==> flow/design.v <==
module dp_sel_unit_p #(
  parameter DATA_W = 3,
  parameter WAYS = 32,
  parameter LOGN = $clog2(WAYS)
) (
  input  wire clk_i,
  input  wire [WAYS*DATA_W-1:0] in_d,
  input  wire [LOGN-1:0] in_addr,
  output reg [DATA_W-1:0] out_res
);
  reg [WAYS*DATA_W-1:0] d_s;
  reg [LOGN-1:0] addr_s;
  always @(posedge clk_i) begin
    d_s <= in_d;
    addr_s <= in_addr;
  end
  wire [WAYS-1:0] hot = {{(WAYS-1){1'b0}}, 1'b1} << addr_s;
  reg [DATA_W-1:0] val;
  integer idx;
  always @* begin
    val = 0;
    for (idx = 0; idx < WAYS; idx = idx + 1)
      val = val | (d_s[idx*DATA_W +: DATA_W] & {DATA_W{hot[idx]}});
  end
  always @(posedge clk_i) begin
    out_res <= val;
  end
endmodule
## Step by step through the tools: dp_sel_unit_p

Tool output for the design above, in the order of the flow.
Lines are those of the file above, counted from 1.
Library cell names are shortened.
The mark - stands for no value.

| set-up | value |
|---|---|
| design top | dp_sel_unit_p |
| clock input | clk_i |
| standard-cell library | sky130hd |
| corner | tt_025C_1v80 |

## Word level

Counts by Yosys on the flattened word-level netlist (proc, flatten, opt, wreduce; memories kept). Register bits leave out memories and registers merged into their read ports (data or address); mux counts leave out enables and synchronous resets folded into registers. Print and check cells are left out. Cells with the same type and inputs are merged into one.

| operators by class | value |
|---|---|
| shift-type cells | 1 |
| bitwise logic cells | 63 |

Operator list:

| cell | count |
|---|---|
| 3-bit AND | 32 |
| 3-bit bitwise OR | 31 |
| 1-bit by 5-bit left shift with 32-bit output (first input constant) | 1 |

| bit counts | value |
|---|---|
| elaborated cells | 67 |
| output and inout port bits | 3 |
| register bits after elaboration | 104 |

## Logic depth

Yosys ltp: most cells in a row. Word level: on the elaborated netlist, between registers, memories and ports. Mapped: between sequential cells and ports; inverters and the memories' decode and read muxes count.

| logic depth | value |
|---|---|
| word-level depth | 33 |
| ABC_AREA | 0 |
| depth in mapped cells | 8 |

## Synthesis result

Source: synth_stat.txt of the flow (Yosys; design flattened, memories mapped). It holds for the ABC_AREA given above (unset counts as 0); a run with the other value may have another netlist.
Totals and module areas in this step are rounded.

| synthesis totals | value |
|---|---|
| cell area after synthesis | 0.003236 mm2 |
| mapped cells | 260 |
| flip-flops | 104 |
| buffers | 15 |
| area of sequential cells | 0.002082 mm2 |

Cell types:

| type | count | area in all (um2) |
|---|---|---|
| dfxtp_1 | 104 | 2.08E+03 |
| mux2i_1 | 11 | 110.106 |
| mux2_2 | 9 | 101.347 |
| nand3_1 | 10 | 50.048 |
| buf_6 | 4 | 45.043 |
| a22o_1 | 5 | 43.792 |
| a31oi_1 | 7 | 43.792 |
| nand4_1 | 7 | 43.792 |
| a22oi_1 | 5 | 37.536 |
| buf_4 | 5 | 37.536 |
| o21ai_0 | 6 | 30.029 |
| a32oi_1 | 3 | 26.275 |
| a21oi_1 | 5 | 25.024 |
| nor2b_1 | 4 | 25.024 |
| nor4_1 | 4 | 25.024 |
| nor4_2 | 2 | 25.024 |
| and2b_1 | 3 | 22.522 |
| nand3b_1 | 3 | 22.522 |

Other cell types: 35; their cells: 63.

## Worst setup path after synthesis

OpenSTA on the mapped netlist: ideal clock, no wires. The path of least setup slack (recovery checks aside). Input and output delay are each 20% of the period. Register names are those of the netlist, which keeps one name where synthesis merged equal registers.

| timing post-synthesis | value |
|---|---|
| path kind | reg-to-reg |
| from | register addr_s[4] |
| to | register out_res[2] |
| buffers on the path | 2 |
| arrival | 1,382 ps |
| delay of the path | 1,511 ps |
| setup time | 129 ps |
| stages | 8 |
| setup slack | 379 ps |
| clock period | 1,890 ps |
| synthesis period reached | 1,511 ps |

"delay of the path" = arrival - input delay + setup time.
"stages" counts driving pins, that of a launching flip-flop among them; a cell with two outputs on the path counts twice.
"synthesis period reached" = period - worst setup slack (recovery checks aside). The figure is calculated, with input and output delays left at 20% of the set period.
The rows between start and end are the longest chain of elaborated cells between them; the timing report does not say that the signal goes this way. Where chains are equally long, one stands for them.
A line is the first line of the expression or statement that the cell stems from. Yosys adds cells for indexed reads and writes and turns some case tables into memories.

| on the way, post-synthesis | value |
|---|---|
| cell sequence | dfxtp_1 > buf_6 > buf_8 > mux2_4 > a21oi_2 > o211ai_1 > nor4_2 > nand3_1 |
| cells in the longest elaborated chain | 33 |

Ends and longest elaborated chain, post-synthesis:

| element | line | source |
|---|---|---|
| from (decl) | 12 | `reg [LOGN-1:0] addr_s;` |
| from (assign) | 15 | `addr_s <= in_addr;` |
| 1-bit by 5-bit left shift with 32-bit output | 17 | `wire [WAYS-1:0] hot = {{(WAYS-1){1'b0}}, 1'b1} << addr_s;` |
| 3-bit AND | 23 | `val = val \| (d_s[idx*DATA_W +: DATA_W] & {DATA_W{hot[idx]}});` |
| 3-bit bitwise OR x31 | 23 |  |
| to (assign) | 26 | `out_res <= val;` |
| to (decl) | 9 | `output reg [DATA_W-1:0] out_res` |

## Worst path after layout

Path of least setup slack in the final report of flow run 2 (OpenROAD, finished layout, wires in). Where an end is a register, its clock arrival counts in the times.
The report prints the path's times to 10 ps; the period is as set.

| timing post-layout | value |
|---|---|
| path kind | reg-to-reg |
| from | register addr_s[4] |
| to | register out_res[2] |
| clock period | 1,890 ps |
| setup time | 110 ps |
| stages | 7 |
| buffers on the path | 1 |
| setup slack | 140 ps |
| arrival | 1,990 ps |

The rows between start and end are the longest chain of elaborated cells between them; the timing report does not say that the signal goes this way. Where chains are equally long, one stands for them.

| on the way, post-layout | value |
|---|---|
| cell sequence | dfxtp_2 > buf_4 > mux2_4 > a21oi_2 > o211ai_1 > nor4_2 > nand3_1 |
| cells in the longest elaborated chain | 33 |

Ends and longest elaborated chain, post-layout:

| element | line | source |
|---|---|---|
| from (decl) | 12 | `reg [LOGN-1:0] addr_s;` |
| from (assign) | 15 | `addr_s <= in_addr;` |
| 1-bit by 5-bit left shift with 32-bit output | 17 | `wire [WAYS-1:0] hot = {{(WAYS-1){1'b0}}, 1'b1} << addr_s;` |
| 3-bit AND | 23 | `val = val \| (d_s[idx*DATA_W +: DATA_W] & {DATA_W{hot[idx]}});` |
| 3-bit bitwise OR x31 | 23 |  |
| to (assign) | 26 | `out_res <= val;` |
| to (decl) | 9 | `output reg [DATA_W-1:0] out_res` |

--- measured runs ---
Stored flow runs of dp_sel_unit_p (3 of them; Yosys, OpenROAD, sky130hd). They differ in their settings and are not a sequence. Constraints: input delay and output delay 20% of the set period each, output load 0.01 pF.
"period reached" is the run's clock period less its worst setup slack. It is reckoned from that one timing run; input and output delays stay at 20% of the period that was set.
"critical setup path time" is the time allowed to the run's worst setup path (the clock period less input and output delay, where it has them) less its slack. Clock arrival times count: a late capture clock shortens it, a late launch clock lengthens it.
"total power of the final layout" rests on the timing tool's default activity at the inputs, not on a simulated workload.
"critical setup path time" is given in steps of 10 ps.
The results are shown rounded.
Settings: - = not set for that run.
Among the results, - means that no value is shown for the run.

| stored run | period_ns | CORE_UTILIZATION | PLACE_DENSITY | CORE_ASPECT_RATIO | CORE_MARGIN | CELL_PAD_IN_SITES_DETAIL_PLACEMENT | GPL_TIMING_DRIVEN | SLEW_MARGIN | MIN_ROUTING_LAYER | MAX_ROUTING_LAYER | CAP_MARGIN | SETUP_SLACK_MARGIN | PLACE_DENSITY_LB_ADDON | CELL_PAD_IN_SITES_GLOBAL_PLACEMENT | TNS_END_PERCENT | ABC_AREA | GPL_ROUTABILITY_DRIVEN | CTS_CLUSTER_SIZE | die footprint (mm2) | final setup TNS (ps) | worst hold slack after layout (ps) | setup slack of the worst path (ps) | period reached (ps) | critical setup path time (ps) | worst path kind | utilization after routing (%) | synthesis area (mm2) | standard-cell area after routing (mm2) | total power of the final layout (W) |
|---|---|---|---|---|---|---|---|---|---|---|---|---|---|---|---|---|---|---|---|---|---|---|---|---|---|---|---|---|---|
| flow run 1 | 1.03 | 64 | 0.85 | 0.67 | 7 | 2 | 1 | 35 | met1 | met4 | 20 | - | - | - | - | - | - | - | - | - | - | - | - | - | - | - | - | - | - |
| flow run 2 | 1.89 | 40 | - | - | 2 | - | - | 20 | - | - | 20 | - | - | - | - | - | - | - | 0.008825 | 0 | 446 | 140 | 1,750 | 1,750 | reg-to-reg | 59.3 | 0.003236 | 0.004606 | 0.004194 |
| flow run 3 | 2.93 | 40 | - | 1.28 | 2 | - | 0 | 20 | - | met4 | 10 | -0.16 | 0.21 | 3 | 85 | 0 | 1 | 52 | 0.00883 | 0 | 595 | 1,024 | 1,906 | 1,910 | reg-to-reg | 58.2 | 0.003236 | 0.004631 | 0.002842 |

Flow run 1: no final report: placement broke off with a tool error
--- end ---
